==> flow/design.v <==
module ex_reg_bank #(
    parameter integer NUM_REGS = 4,
    parameter integer DATA_W = 4,
    parameter integer RPORTS = 1,
    parameter integer AW = $clog2(NUM_REGS)
) (
    input wire clk_i,
    input wire we,
    input wire [AW-1:0] wa,
    input wire [DATA_W-1:0] din,
    input wire [RPORTS*AW-1:0] read_addr,
    output wire [RPORTS*DATA_W-1:0] rdata
);
    reg [DATA_W-1:0] rf [0:NUM_REGS-1];
    always @(posedge clk_i) begin
        if (we)
            rf[wa] <= din;
    end
    wire [RPORTS*DATA_W-1:0] r;
    genvar m;
    generate
        for (m = 0; m < RPORTS; m = m + 1) begin : row
            assign r[m*DATA_W +: DATA_W] = rf[read_addr[m*AW +: AW]];
        end
    endgenerate
    assign rdata = r;
endmodule
Step by step through the tools: ex_reg_bank
The steps from the RTL of ex_reg_bank to its reports follow in flow order.
Lines are those of the file above, counted from 1.
Operators carry their Yosys type and port widths (W data, S select, Z words).
Library cell names are shortened.
{"block": "design", "top": "ex_reg_bank", "clock": "clk_i", "library": "sky130hd", "lib_corner": "tt_025C_1v80"}

Word-level counts
Source: Yosys, flattened and elaborated, memories not mapped. Widths are those after wreduce; folded enables and synchronous resets count as part of the registers. Registers that Yosys merges into a memory's read port (data or address) are not register bits. Print and check cells do not count. Equal cells are merged and count once.
Memory sizes are those after Yosys's memory passes, which may raise the word count (mostly to a power of two), join words into wider ones and drop unused or constant bits.
{"block": "word_totals", "reg_bits": 0, "mem_bits_rw": 16, "mem_count": 1, "input_bits": 10, "out_inout_bits": 4}
{"block": "memory_table", "memory": "rf", "words": 4, "width": 4, "read_ports": 1, "write_ports": 1, "line": 14, "text": "reg [DATA_W-1:0] rf [0:NUM_REGS-1];"}
{"block": "classes", "n_mux": 3}
{"block": "op_table", "operator": "$mux W4", "count": 1}
{"block": "op_table", "operator": "$mux W2", "count": 1}
{"block": "op_table", "operator": "$mux W1", "count": 1}

Depth
Yosys ltp: most cells in a row. Word level: on the elaborated netlist, between registers, memories and ports. Mapped: between sequential cells and ports; inverters and the memories' decode and read muxes count.
{"block": "logic_depth", "ltp_word": 1, "abc_area": 0, "depth_mapped": 1, "ltp_nobuf": 1}

Netlist
The flow's flattened synthesis, as Yosys stat reports it; memories are mapped. The netlist is that of the ABC_AREA named above (0 if unset); the other value can give another one.
Totals and module areas in this step are rounded.
{"block": "types", "cell": "edfxtp_1", "count": 16}
{"block": "types", "cell": "mux4_1", "count": 4}
{"block": "types", "cell": "and3b_1", "count": 2}
{"block": "types", "cell": "nor3b_1", "count": 1}
{"block": "types", "cell": "and3_1", "count": 1}
{"block": "synth_totals", "mapped_cells": 24, "area_um2": 616.8, "flip_flops": 16, "buffers": 0}

Path before layout
OpenSTA on the mapped netlist: ideal clock, no wires. The path of least setup slack (recovery checks aside). Input and output delay are each 20% of the period. Register names are those of the netlist, which keeps one name where synthesis merged equal registers.
{"block": "synth_timing", "path_kind": "reg2out", "from": "mem rf[1][0]", "to": "out rdata[0]", "clock_period_ps": 1370, "output_delay_ps": 274, "t_first_pin_ps": 0, "arrival_time_ps": 880, "required_ps": 1096, "path_slack_ps": 216, "delay_ps": 880, "path_stages": 2, "n_path_buf": 0, "synth_period_reached_ps": 1154}
"delay_ps" = arrival - input delay + setup time.
At an output port there is no setup time.
"path_stages": output pins that drive a net of the path, with the launching flip-flop's if there is one; two outputs of one cell count as two.
"synth_period_reached_ps" = period - worst setup slack (recovery checks aside). The figure is calculated, with input and output delays left at 20% of the set period.
The rows between start and end are the longest chain of elaborated cells between them; the timing report does not say that the signal goes this way. Where chains are equally long, one stands for them.
Each line given opens the expression or statement behind the cell; cells for indexed reads and writes are added by Yosys, which also makes memories of some case tables.
A memory read counts as a cell of the chain, while the word-level depth stops at memories.
{"block": "synth_via", "path_cell_list": "edfxtp_1 mux4_1", "elab_chain_cells": 1}
{"block": "synth_lines", "element": "from (decl)", "line": 14, "text": "reg [DATA_W-1:0] rf [0:NUM_REGS-1];"}
{"block": "synth_lines", "element": "$mem_v2 Z4 W4", "line": 14}
{"block": "synth_lines", "element": "to (decl)", "line": 12, "text": "output wire [RPORTS*DATA_W-1:0] rdata"}

Worst path after layout
From the final timing report of flow run 1: the path of least setup slack in the routed layout; clock arrival at registers is part of the times.
The report prints the path's times to 10 ps; the period is as set.
{"block": "layout_timing", "path_kind": "reg2out", "from": "mem rf[0][2]", "to": "out rdata[2]", "clock_period_ps": 1350, "output_delay_ps": 270, "t_first_pin_ps": 270, "arrival_time_ps": 1270, "required_ps": 1080, "path_slack_ps": -190, "path_stages": 3, "n_path_buf": 1}
The rows between start and end are the longest chain of elaborated cells between them; the timing report does not say that the signal goes this way. Where chains are equally long, one stands for them.
A memory read counts as a cell of the chain, while the word-level depth stops at memories.
{"block": "layout_via", "path_cell_list": "edfxtp_1 mux4_2 buf_6", "elab_chain_cells": 1}
{"block": "layout_lines", "element": "from (decl)", "line": 14, "text": "reg [DATA_W-1:0] rf [0:NUM_REGS-1];"}
{"block": "layout_lines", "element": "$mem_v2 Z4 W4", "line": 14}
{"block": "layout_lines", "element": "to (decl)", "line": 12, "text": "output wire [RPORTS*DATA_W-1:0] rdata"}

Settings and measured results of 3 stored flow runs for module ex_reg_bank (sky130hd), not sorted in any way. The constraints put input and output delay at 20% of the set period each and load the outputs with 0.01 pF.
"achieved_period_ps" is the run's clock period less its worst setup slack. It is reckoned from that one timing run; input and output delays stay at 20% of the period that was set.
"worst_path_allowed_less_slack_ps" is the time allowed to the run's worst setup path (the clock period less input and output delay, where it has them) less its slack. Clock arrival times count: a late capture clock shortens it, a late launch clock lengthens it.
"power_total_mw" rests on the timing tool's default activity at the inputs, not on a simulated workload.
"worst_path_allowed_less_slack_ps" is known to 10 ps.
The measured numbers are rounded.

Flow run 1
==> flow/run.sh <==
#!/bin/bash
# the make line also repeats the synthesis and layout settings of config.mk as NAME=value (left out here)
make -C /OpenROAD-flow-scripts/flow DESIGN_CONFIG=/design/flow/config.mk WORK_HOME=/design/flow/orfs CLKGATE_MAP_FILE= finish
==> flow/config.mk <==
export PLATFORM = sky130hd
export DESIGN_NAME = ex_reg_bank
export DESIGN_NICKNAME = ex_reg_bank
export VERILOG_FILES = /design/flow/design.v
export SDC_FILE = /design/flow/constraint.sdc
export NUM_CORES = 4
export LEC_CHECK = 0
export CAP_MARGIN = 20
export CELL_PAD_IN_SITES_DETAIL_PLACEMENT = 0
export CELL_PAD_IN_SITES_GLOBAL_PLACEMENT = 3
export CORE_ASPECT_RATIO = 0.79
export CORE_MARGIN = 2
export CORE_UTILIZATION = 47
export GPL_TIMING_DRIVEN = 0
export MAX_ROUTING_LAYER = met4
export MIN_ROUTING_LAYER = met2
export PLACE_DENSITY_LB_ADDON = 0.22
export SLEW_MARGIN = 20
==> flow/constraint.sdc <==
create_clock -name core_clock -period 1.35 [get_ports {clk_i}]
set_input_delay 0.2700 -clock core_clock [delete_from_list [all_inputs] [get_ports {clk_i}]]
set_output_delay 0.2700 -clock core_clock [all_outputs]
set_load 0.01 [all_outputs]

==> results of flow run 1, as JSON <==
{
  "final_setup_tns_ps": -707,
  "cell_area_final_um2": 765.7,
  "die_area_um2": 1620,
  "power_total_mw": 0.9140,
  "worst_path_allowed_less_slack_ps": 1270,
  "critical_path_type": "reg2out",
  "achieved_period_ps": 1544,
  "worst_setup_slack_ps": -194,
  "worst_hold_slack_ps": 631,
  "synthesis_area_um2": 616.8,
  "util_pct": 63.9
}

Flow run 2
==> flow/run.sh <==
#!/bin/bash
# the make line also repeats the synthesis and layout settings of config.mk as NAME=value (left out here)
make -C /OpenROAD-flow-scripts/flow DESIGN_CONFIG=/design/flow/config.mk WORK_HOME=/design/flow/orfs CLKGATE_MAP_FILE= finish
==> flow/config.mk <==
export PLATFORM = sky130hd
export DESIGN_NAME = ex_reg_bank
export DESIGN_NICKNAME = ex_reg_bank
export VERILOG_FILES = /design/flow/design.v
export SDC_FILE = /design/flow/constraint.sdc
export NUM_CORES = 4
export LEC_CHECK = 0
export CAP_MARGIN = 20
export CORE_MARGIN = 2
export CORE_UTILIZATION = 40
export SLEW_MARGIN = 20
==> flow/constraint.sdc <==
create_clock -name core_clock -period 1.37 [get_ports {clk_i}]
set_input_delay 0.2740 -clock core_clock [delete_from_list [all_inputs] [get_ports {clk_i}]]
set_output_delay 0.2740 -clock core_clock [all_outputs]
set_load 0.01 [all_outputs]

==> results of flow run 2, as JSON <==
{
  "synthesis_area_um2": 616.8,
  "util_pct": 52.5,
  "achieved_period_ps": 1536,
  "final_setup_tns_ps": -634,
  "die_area_um2": 1872,
  "worst_hold_slack_ps": 646,
  "worst_path_allowed_less_slack_ps": 1260,
  "critical_path_type": "reg2out",
  "worst_setup_slack_ps": -166,
  "cell_area_final_um2": 772.0,
  "power_total_mw": 0.8929
}

Flow run 3
==> flow/run.sh <==
#!/bin/bash
# the make line also repeats the synthesis and layout settings of config.mk as NAME=value (left out here)
make -C /OpenROAD-flow-scripts/flow DESIGN_CONFIG=/design/flow/config.mk WORK_HOME=/design/flow/orfs CLKGATE_MAP_FILE= finish
==> flow/config.mk <==
export PLATFORM = sky130hd
export DESIGN_NAME = ex_reg_bank
export DESIGN_NICKNAME = ex_reg_bank
export VERILOG_FILES = /design/flow/design.v
export SDC_FILE = /design/flow/constraint.sdc
export NUM_CORES = 4
export LEC_CHECK = 0
export ABC_AREA = 0
export CAP_MARGIN = 20
export CELL_PAD_IN_SITES_GLOBAL_PLACEMENT = 0
export CORE_MARGIN = 8
export CORE_UTILIZATION = 64
export MIN_ROUTING_LAYER = met1
export PLACE_DENSITY = 0.58
export SETUP_SLACK_MARGIN = 0.4
export SLEW_MARGIN = 0
export TNS_END_PERCENT = 60
==> flow/constraint.sdc <==
create_clock -name core_clock -period 1.56 [get_ports {clk_i}]
set_input_delay 0.3120 -clock core_clock [delete_from_list [all_inputs] [get_ports {clk_i}]]
set_output_delay 0.3120 -clock core_clock [all_outputs]
set_load 0.01 [all_outputs]

==> results of flow run 3, as JSON <==
{
  "final_setup_tns_ps": -58,
  "die_area_um2": 2213,
  "cell_area_final_um2": 783.3,
  "worst_hold_slack_ps": 672,
  "util_pct": 86.2,
  "worst_setup_slack_ps": -24,
  "achieved_period_ps": 1584,
  "power_total_mw": 0.7540,
  "worst_path_allowed_less_slack_ps": 1270,
  "critical_path_type": "reg2out",
  "synthesis_area_um2": 616.8
}
